==> flow/design.v <==
module dp_relation_v2 #(
  parameter DW = 20
) (
  input  wire CLK,
  input  wire i_rst_n,
  input  wire [DW-1:0] dataa,
  input  wire [DW-1:0] datab,
  output wire is_gt
);
  reg [DW-1:0] dataa_ff;
  always @(posedge CLK or negedge i_rst_n) begin
    if (~i_rst_n) begin
      dataa_ff <= 0;
    end else begin
      dataa_ff <= dataa;
    end
  end
  reg [DW-1:0] datab_ff;
  always @(posedge CLK or negedge i_rst_n) begin
    if (~i_rst_n) begin
      datab_ff <= 0;
    end else begin
      datab_ff <= datab;
    end
  end
  wire [DW:0] cc;
  assign cc[0] = 1'b0;
  genvar g;
  generate
    for (g = 0; g < DW; g = g + 1) begin : blk
      assign cc[g+1] = (dataa_ff[g] ^ datab_ff[g]) ? dataa_ff[g] : cc[g];
    end
  endgenerate
  assign is_gt = cc[DW];
endmodule
From RTL to reports: dp_relation_v2. The steps from the RTL of dp_relation_v2 to its reports follow in flow order. Lines are those of the file above, counted from 1. Operators carry their Yosys type and port widths (W data, S select, Z words). Library cell names are shortened. A cell with -- has no value.

Top module: dp_relation_v2. Clock: CLK. Library: sky130hd. Corner: tt_025C_1v80.

After elaboration. Yosys after proc, flatten, opt, wreduce and memory -nomap, before mapping. Enables and synchronous resets that opt folds into registers are not counted as muxes. Memory bits, and registers merged into a memory's read port (data or address), are not among the register bits. Print and check cells are not counted. Equal cells are merged and count once.

Flip-flop bits (word level): 40. Under latch bits stands 0. Memory bits (writable): 0. The figure for memory bits (read-only) is 0. For clocked read ports x word width the number is 0. The entry for memory cells reads 0. Under input bits stands 42. For output and inout port bits the number is 1. The entry for word-level cells reads 42.

Under add/sub/neg operators stands 0. For multipliers the number is 0. The figure for div/mod/pow operators is 0. Under $lt $le $gt $ge stands 0. The entry for equal/unequal tests reads 0. The entry for shift-type cells reads 0. The entry for multiplexer cells reads 20. For bitwise operators the number is 20. For reduce/logical cells the number is 0.

Operators with widths (count): $xor A1 B1 Y1 (20); $mux W1 (20).

Logic depth. Yosys ltp: most cells in a row. Word level: on the elaborated netlist, between registers, memories and ports. Mapped: between sequential cells and ports; inverters and the memories' decode and read muxes count.

For word-level depth the number is 21. Under ABC_AREA stands 0. The entry for gate-level depth with buffers reads 5. For gate-level depth less buffers the number is 5.

Netlist. Yosys stat after the flow's synthesis: flattened, memories mapped to cells. It holds for the ABC_AREA given above (unset counts as 0); a run with the other value may have another netlist.

The entry for cells in the netlist reads 97. Under chip area (Yosys) stands 1335.0 sq um. The figure for sequential part of the area is 1001.0 sq um. The figure for mapped flip-flops is 40. The entry for buffer cells reads 0.

Cell types: dfrtp_1 (count 40, total area 1000.96 sq um); inv_1 (count 18, total area 67.565 sq um); o22ai_1 (count 8, total area 50.048 sq um); nor2b_1 (count 5, total area 31.28 sq um); a22oi_1 (count 3, total area 22.522 sq um); maj3_2 (count 2, total area 22.522 sq um); a2111oi_0 (count 2, total area 17.517 sq um); a2111oi_2 (count 1, total area 15.014 sq um); nor2b_4 (count 1, total area 13.763 sq um); a31oi_1 (count 2, total area 12.512 sq um); nand2b_1 (count 2, total area 12.512 sq um); nor2_1 (count 3, total area 11.261 sq um); a21oi_1 (count 2, total area 10.01 sq um); a222oi_1 (count 1, total area 10.01 sq um); o21ai_0 (count 2, total area 10.01 sq um); a211oi_1 (count 1, total area 7.507 sq um); nand2_1 (count 2, total area 7.507 sq um); o211ai_1 (count 1, total area 7.507 sq um); nand3_1 (count 1, total area 5.005 sq um).

Path before layout. Path of least setup slack by OpenSTA after synthesis, without wires, with an ideal clock, recovery checks aside; 20% of the period is set as input and as output delay. Where synthesis merged equal registers, the netlist keeps one of their names.

Path kind: reg2out. From: register dataa_ff[17]. To: output is_gt. Clock period: 2040 ps. Output delay: 408 ps. Launch time at the first pin: 0 ps. Arrival: 1306 ps. Required time: 1632 ps. For slack the number is 326 ps. Delay of the path: 1306 ps. Stages on the path: 6. Buffers on the path: 0. For synthesis period reached the number is 1714 ps.

"delay of the path" = arrival - input delay + setup time. At an output port there is no setup time. "stages on the path": output pins that drive a net of the path, with the launching flip-flop's if there is one; two outputs of one cell count as two. "synthesis period reached" is the clock period less the worst setup slack; recovery checks do not enter. This is arithmetic on one report: input and output delays are still those of the set period (20% each). The rows between start and end are the longest chain of elaborated cells between them; the timing report does not say that the signal goes this way. Where chains are equally long, one stands for them. A line is the first line of the expression or statement that the cell stems from. Yosys adds cells for indexed reads and writes and turns some case tables into memories.

Path through: dfrtp_1 > nor2b_4 > maj3_2 > maj3_2 > nor2_1 > a31oi_1. For length of the longest elaborated chain the number is 4. Under elaborated cells between the ends (all ways) stands 4. RTL lines with such cells: 1. Those cells by class: mux (3); logic (1).

Ends and longest elaborated chain, post-synthesis: start, declared (RTL line 10) `reg [DW-1:0] dataa_ff;`; start, assigned (RTL line 13) `dataa_ff <= 0;`; start, assigned (RTL line 15) `dataa_ff <= dataa;`; $xor A1 B1 Y1 (RTL line 31) `assign cc[g+1] = (dataa_ff[g] ^ datab_ff[g]) ? dataa_ff[g] : cc[g];`; $mux W1 (3 in a row) (RTL line 31); end, declared (RTL line 8) `output wire is_gt`.

Timing after layout. Path of least setup slack in the final report of entry A (OpenROAD, finished layout, wires in). Where an end is a register, its clock arrival counts in the times. The path's times are printed in steps of 10 ps; the period is the one set.

Path kind: reg2out. From: register dataa_ff[17]. To: output is_gt. Clock period: 1240 ps. Output delay: 250 ps. Launch time at the first pin: 340 ps. Arrival: 1840 ps. Required time: 990 ps. For slack the number is -850 ps. Stages on the path: 7. Buffers on the path: 1.

The rows between start and end are the longest chain of elaborated cells between them; the timing report does not say that the signal goes this way. Where chains are equally long, one stands for them.

Path through: dfrtp_1 > nor2b_4 > maj3_2 > maj3_2 > nor2_2 > a31oi_2 > buf_2. For length of the longest elaborated chain the number is 4. Under elaborated cells between the ends (all ways) stands 4. RTL lines with such cells: 1. Those cells by class: mux (3); logic (1).

Ends and longest elaborated chain, after layout: start, declared (RTL line 10) `reg [DW-1:0] dataa_ff;`; start, assigned (RTL line 13) `dataa_ff <= 0;`; start, assigned (RTL line 15) `dataa_ff <= dataa;`; $xor A1 B1 Y1 (RTL line 31) `assign cc[g+1] = (dataa_ff[g] ^ datab_ff[g]) ? dataa_ff[g] : cc[g];`; $mux W1 (3 in a row) (RTL line 31); end, declared (RTL line 8) `output wire is_gt`.

FLOW RESULTS
============

Design dp_relation_v2 on sky130hd. What follows are 3 stored runs of the flow, each under its own settings; their order means nothing. The constraints put input and output delay at 20% of the set period each and load the outputs with 0.01 pF. "period reached" = clock period - worst setup slack. The figure is calculated, with input and output delays left at 20% of the set period.

Files of entry A:
==> flow/run.sh <==
#!/bin/bash
# the make line also repeats the synthesis and layout settings of config.mk as NAME=value (left out here)
make -C /OpenROAD-flow-scripts/flow DESIGN_CONFIG=/design/flow/config.mk WORK_HOME=/design/flow/orfs CLKGATE_MAP_FILE= finish
==> flow/config.mk <==
export PLATFORM = sky130hd
export DESIGN_NAME = dp_relation_v2
export DESIGN_NICKNAME = dp_relation_v2
export VERILOG_FILES = /design/flow/design.v
export SDC_FILE = /design/flow/constraint.sdc
export NUM_CORES = 4
export LEC_CHECK = 0
export ABC_AREA = 0
export CAP_MARGIN = 20
export CORE_MARGIN = 2
export CORE_UTILIZATION = 60
export GPL_ROUTABILITY_DRIVEN = 1
export MIN_ROUTING_LAYER = met1
export PLACE_DENSITY_LB_ADDON = 0.02
export SETUP_SLACK_MARGIN = 0.07
export SLEW_MARGIN = 20
==> flow/constraint.sdc <==
create_clock -name core_clock -period 1.24 [get_ports {CLK}]
set_input_delay 0.2480 -clock core_clock [delete_from_list [all_inputs] [get_ports {CLK}]]
set_output_delay 0.2480 -clock core_clock [all_outputs]
set_load 0.01 [all_outputs]

Results of entry A. The die size stands at 2618.4 sq um. The mapped cell area after synthesis stands at 1335.0 sq um. The worst setup slack after layout comes to -851 ps. The utilization after routing reads 92.1 %. For the period reached the run shows 2091 ps.

Files of entry B:
==> flow/run.sh <==
#!/bin/bash
# the make line also repeats the synthesis and layout settings of config.mk as NAME=value (left out here)
make -C /OpenROAD-flow-scripts/flow DESIGN_CONFIG=/design/flow/config.mk WORK_HOME=/design/flow/orfs CLKGATE_MAP_FILE= finish
==> flow/config.mk <==
export PLATFORM = sky130hd
export DESIGN_NAME = dp_relation_v2
export DESIGN_NICKNAME = dp_relation_v2
export VERILOG_FILES = /design/flow/design.v
export SDC_FILE = /design/flow/constraint.sdc
export NUM_CORES = 4
export LEC_CHECK = 0
export ABC_AREA = 1
export CAP_MARGIN = 20
export CELL_PAD_IN_SITES_GLOBAL_PLACEMENT = 2
export CORE_ASPECT_RATIO = 0.93
export CORE_MARGIN = 3
export CORE_UTILIZATION = 66
export CTS_CLUSTER_DIAMETER = 284
export MIN_ROUTING_LAYER = met1
export SLEW_MARGIN = 20
==> flow/constraint.sdc <==
create_clock -name core_clock -period 1.17 [get_ports {CLK}]
set_input_delay 0.2340 -clock core_clock [delete_from_list [all_inputs] [get_ports {CLK}]]
set_output_delay 0.2340 -clock core_clock [all_outputs]
set_load 0.01 [all_outputs]

Outcome of entry B: not finished: placement ended with error GPL-0301.

Files of entry C:
==> flow/run.sh <==
#!/bin/bash
# the make line also repeats the synthesis and layout settings of config.mk as NAME=value (left out here)
make -C /OpenROAD-flow-scripts/flow DESIGN_CONFIG=/design/flow/config.mk WORK_HOME=/design/flow/orfs CLKGATE_MAP_FILE= finish
==> flow/config.mk <==
export PLATFORM = sky130hd
export DESIGN_NAME = dp_relation_v2
export DESIGN_NICKNAME = dp_relation_v2
export VERILOG_FILES = /design/flow/design.v
export SDC_FILE = /design/flow/constraint.sdc
export NUM_CORES = 4
export LEC_CHECK = 0
export CAP_MARGIN = 20
export CORE_MARGIN = 2
export CORE_UTILIZATION = 40
export SLEW_MARGIN = 20
==> flow/constraint.sdc <==
create_clock -name core_clock -period 2.04 [get_ports {CLK}]
set_input_delay 0.4080 -clock core_clock [delete_from_list [all_inputs] [get_ports {CLK}]]
set_output_delay 0.4080 -clock core_clock [all_outputs]
set_load 0.01 [all_outputs]

Results of entry C. The die size stands at 3815.5 sq um. The mapped cell area after synthesis stands at 1335.0 sq um. The worst setup slack after layout comes to -129 ps. The utilization after routing reads 63.4 %. For the period reached the run shows 2169 ps.
